==> flow/design.v <==
module my_mpy_blk #(
  parameter int WD = 16
) (
  input  logic ck,
  input  logic rstn,
  input  logic [WD-1:0] arg0,
  input  logic [WD-1:0] arg1,
  output logic [WD-1:0] res
);
  logic [WD-1:0] arg0_r;
  logic [WD-1:0] arg1_r;
  always_ff @(posedge ck) begin
    if (~rstn) begin
      arg0_r <= 0;
      arg1_r <= 0;
    end else begin
      arg0_r <= arg0;
      arg1_r <= arg1;
    end
  end
  assign res = arg0_r * arg1_r;
endmodule
Step by step through the tools: my_mpy_blk
The steps from the RTL of my_mpy_blk to its reports follow in flow order.
Lines are those of the file above, counted from 1.
Library cell names are shortened.
{"block": "design", "top": "my_mpy_blk", "clock": "ck", "library": "sky130hd", "pvt_corner": "tt_025C_1v80"}

Elaborated design
Yosys after proc, flatten, opt, wreduce and memory -nomap, before mapping. Enables and synchronous resets that opt folds into registers are not counted as muxes. Memory bits, and registers merged into a memory's read port (data or address), are not among the register bits. Print and check cells are not counted. Equal cells are merged and count once.
{"block": "classes", "mul": 1}
{"block": "ops", "operator": "16-bit by 16-bit multiplier with 16-bit output", "count": 1}
{"block": "word_totals", "ff_bits": 32, "inputBits": 34, "out_inout_bits": 16, "word_cells": 3}

Depth
Yosys ltp: most cells in a row. Word level: on the elaborated netlist, between registers, memories and ports. Mapped: between sequential cells and ports; inverters and the memories' decode and read muxes count.
{"block": "depth", "depth_word": 1, "abc_area": 0, "ltp_mapped": 20, "mapped_depth_nobuf": 19}

Mapped cells and area
The flow's flattened synthesis, as Yosys stat reports it; memories are mapped. The netlist is that of the ABC_AREA named above (0 if unset); the other value can give another one.
Totals and module areas in this step are rounded.
{"block": "types", "cell": "fa_1", "count": 80, "area_total_um2": 1.6E+03}
{"block": "types", "cell": "dfxtp_1", "count": 32, "area_total_um2": 640.614}
{"block": "types", "cell": "ha_1", "count": 49, "area_total_um2": 613.088}
{"block": "types", "cell": "and2_1", "count": 90, "area_total_um2": 563.04}
{"block": "types", "cell": "inv_1", "count": 113, "area_total_um2": 424.157}
{"block": "types", "cell": "nand2_1", "count": 77, "area_total_um2": 289.027}
{"block": "types", "cell": "xnor2_1", "count": 29, "area_total_um2": 253.994}
{"block": "types", "cell": "xor2_1", "count": 8, "area_total_um2": 70.067}
{"block": "types", "cell": "clkbuf_1", "count": 15, "area_total_um2": 56.304}
{"block": "types", "cell": "a21oi_1", "count": 9, "area_total_um2": 45.043}
{"block": "types", "cell": "a21o_1", "count": 5, "area_total_um2": 37.536}
{"block": "types", "cell": "and2_2", "count": 4, "area_total_um2": 30.029}
{"block": "types", "cell": "nor2_1", "count": 6, "area_total_um2": 22.522}
{"block": "types", "cell": "xnor3_1", "count": 1, "area_total_um2": 22.522}
{"block": "types", "cell": "o21ai_0", "count": 4, "area_total_um2": 20.019}
{"block": "types", "cell": "xnor2_2", "count": 1, "area_total_um2": 16.266}
{"block": "types", "cell": "a211oi_2", "count": 1, "area_total_um2": 12.512}
{"block": "types", "cell": "and3_1", "count": 2, "area_total_um2": 12.512}
Not listed: further types 10, cells in them 10.
{"block": "mapped", "cells": 536, "synth_area_um2": 4810, "seqArea_um2": 641, "flip_flops": 32, "buf_cells": 16}

Path before layout
OpenSTA on the mapped netlist: ideal clock, no wires. The path of least setup slack (recovery checks aside). Input and output delay are each 20% of the period. Register names are those of the netlist, which keeps one name where synthesis merged equal registers.
{"block": "synth_path", "path_type": "flip-flop to output port", "start": "register arg1_r[1]", "end": "output port res[14]", "clock_period_ns": 7.79, "out_delay_ns": 1.558, "t_first_pin_ns": 0.000, "arrival_time_ns": 4.986, "t_required_ns": 6.232, "slack_ns": 1.246, "path_delay_ns": 4.986, "path_stages": 20, "n_path_buf": 1, "period_less_setup_slack_ns": 6.544}
"path_delay_ns" = arrival - input delay + setup time.
At an output port there is no setup time.
"path_stages" counts driving pins, that of a launching flip-flop among them; a cell with two outputs on the path counts twice.
"period_less_setup_slack_ns" is the clock period less the worst setup slack; recovery checks do not enter. This is arithmetic on one report: input and output delays are still those of the set period (20% each).
The rows between start and end are the longest chain of elaborated cells between them; the timing report does not say that the signal goes this way. Where chains are equally long, one stands for them.
A line is the first line of the expression or statement that the cell stems from. Yosys adds cells for indexed reads and writes and turns some case tables into memories.
{"block": "synth_via", "path_cell_list": "dfxtp_1 > clkbuf_1 > nand2_1 > fa_1 > fa_1 > inv_1 > fa_1 > inv_1 > fa_1 > inv_1 > fa_1 > inv_1 > fa_1 > inv_1 > ha_1 > a21oi_1 > o21ai_0 > a31oi_1 > a21oi_1 > xor2_1", "elab_chain_len": 1, "cone_cells": 1, "cone_lines": 1, "cone_classes": "mul (1)"}
{"block": "synth_lines", "element": "start: declaration", "line_no": 11, "text": "logic [WD-1:0] arg1_r;"}
{"block": "synth_lines", "element": "start: assignment", "line_no": 15, "text": "arg1_r <= 0;"}
{"block": "synth_lines", "element": "start: assignment", "line_no": 18, "text": "arg1_r <= arg1;"}
{"block": "synth_lines", "element": "16-bit by 16-bit multiplier with 16-bit output", "line_no": 21, "text": "assign res = arg0_r * arg1_r;"}
{"block": "synth_lines", "element": "end: declaration", "line_no": 8, "text": "output logic [WD-1:0] res"}

Worst path after layout
From the final timing report of flow run B: the path of least setup slack in the routed layout; clock arrival at registers is part of the times.
{"block": "layout_path", "path_type": "flip-flop to output port", "start": "register arg0_r[7]", "end": "output port res[14]", "clock_period_ns": 7.79, "out_delay_ns": 1.56, "t_first_pin_ns": 0.27, "arrival_time_ns": 5.93, "t_required_ns": 6.23, "slack_ns": 0.30, "path_stages": 21, "n_path_buf": 1}
The rows between start and end are the longest chain of elaborated cells between them; the timing report does not say that the signal goes this way. Where chains are equally long, one stands for them.
{"block": "layout_via", "path_cell_list": "dfxtp_1 > and2_1 > fa_1 > inv_1 > fa_1 > inv_1 > fa_1 > inv_1 > fa_1 > inv_1 > fa_1 > inv_1 > fa_1 > inv_1 > ha_1 > a21oi_1 > o21ai_0 > a31oi_1 > a21oi_1 > xor2_1 > clkdlybuf4s50_1", "elab_chain_len": 1, "cone_cells": 1, "cone_lines": 1, "cone_classes": "mul (1)"}
{"block": "layout_lines", "element": "start: declaration", "line_no": 10, "text": "logic [WD-1:0] arg0_r;"}
{"block": "layout_lines", "element": "start: assignment", "line_no": 14, "text": "arg0_r <= 0;"}
{"block": "layout_lines", "element": "start: assignment", "line_no": 17, "text": "arg0_r <= arg0;"}
{"block": "layout_lines", "element": "16-bit by 16-bit multiplier with 16-bit output", "line_no": 21, "text": "assign res = arg0_r * arg1_r;"}
{"block": "layout_lines", "element": "end: declaration", "line_no": 8, "text": "output logic [WD-1:0] res"}

Data sheet: physical implementation of my_mpy_blk

Below are 3 stored runs of the flow (Yosys, OpenROAD; platform sky130hd) on my_mpy_blk, each with its settings and what was measured, unordered. Constraints: input delay and output delay 20% of the set period each, output load 0.01 pF.
"clock_period_reached_ns" = clock period - worst setup slack. The figure is calculated, with input and output delays left at 20% of the set period.
"worst_path_allowed_less_slack_ns" is the time allowed to the run's worst setup path (the clock period less input and output delay, where it has them) less its slack. Clock arrival times count: a late capture clock shortens it, a late launch clock lengthens it.
"power_total_uw" rests on the timing tool's default activity at the inputs, not on a simulated workload.
The results are shown rounded.

{"run": "flow run A", "settings": { "period_ns": 3.91, "CORE_UTILIZATION": 72, "PLACE_DENSITY_LB_ADDON": 0.01, "CORE_ASPECT_RATIO": 1.12, "CORE_MARGIN": 10, "ABC_AREA": 0, "CTS_CLUSTER_DIAMETER": 74, "CAP_MARGIN": 35, "SLEW_MARGIN": 20, "MIN_ROUTING_LAYER": "met2", "MAX_ROUTING_LAYER": "met4" }, "outcome": "no final report: clock tree synthesis broke off with DPL-0038"}
{"run": "flow run B", "settings": { "period_ns": 7.79, "CAP_MARGIN": 20, "CORE_MARGIN": 2, "CORE_UTILIZATION": 40, "SLEW_MARGIN": 20 }, "results": { "clock_period_reached_ns": 7.488, "power_total_uw": 785, "die_um2": 12900, "tns_ns": 0.000, "cell_area_final_um2": 5600, "worst_path_allowed_less_slack_ns": 5.93, "critical_path_type": "flip-flop to output port", "synthesis_area_um2": 4810, "final_setup_ws_ns": 0.302 }}
{"run": "flow run C", "settings": { "period_ns": 8.12, "CORE_UTILIZATION": 57, "SETUP_SLACK_MARGIN": -0.51, "PLACE_DENSITY_LB_ADDON": 0.17, "CORE_ASPECT_RATIO": 0.75, "CORE_MARGIN": 4, "CELL_PAD_IN_SITES_GLOBAL_PLACEMENT": 2, "CELL_PAD_IN_SITES_DETAIL_PLACEMENT": 2, "GPL_ROUTABILITY_DRIVEN": 1, "CAP_MARGIN": 25, "SLEW_MARGIN": 30, "MAX_ROUTING_LAYER": "met5" }, "outcome": "no final report: placement broke off with FLW-0024"}
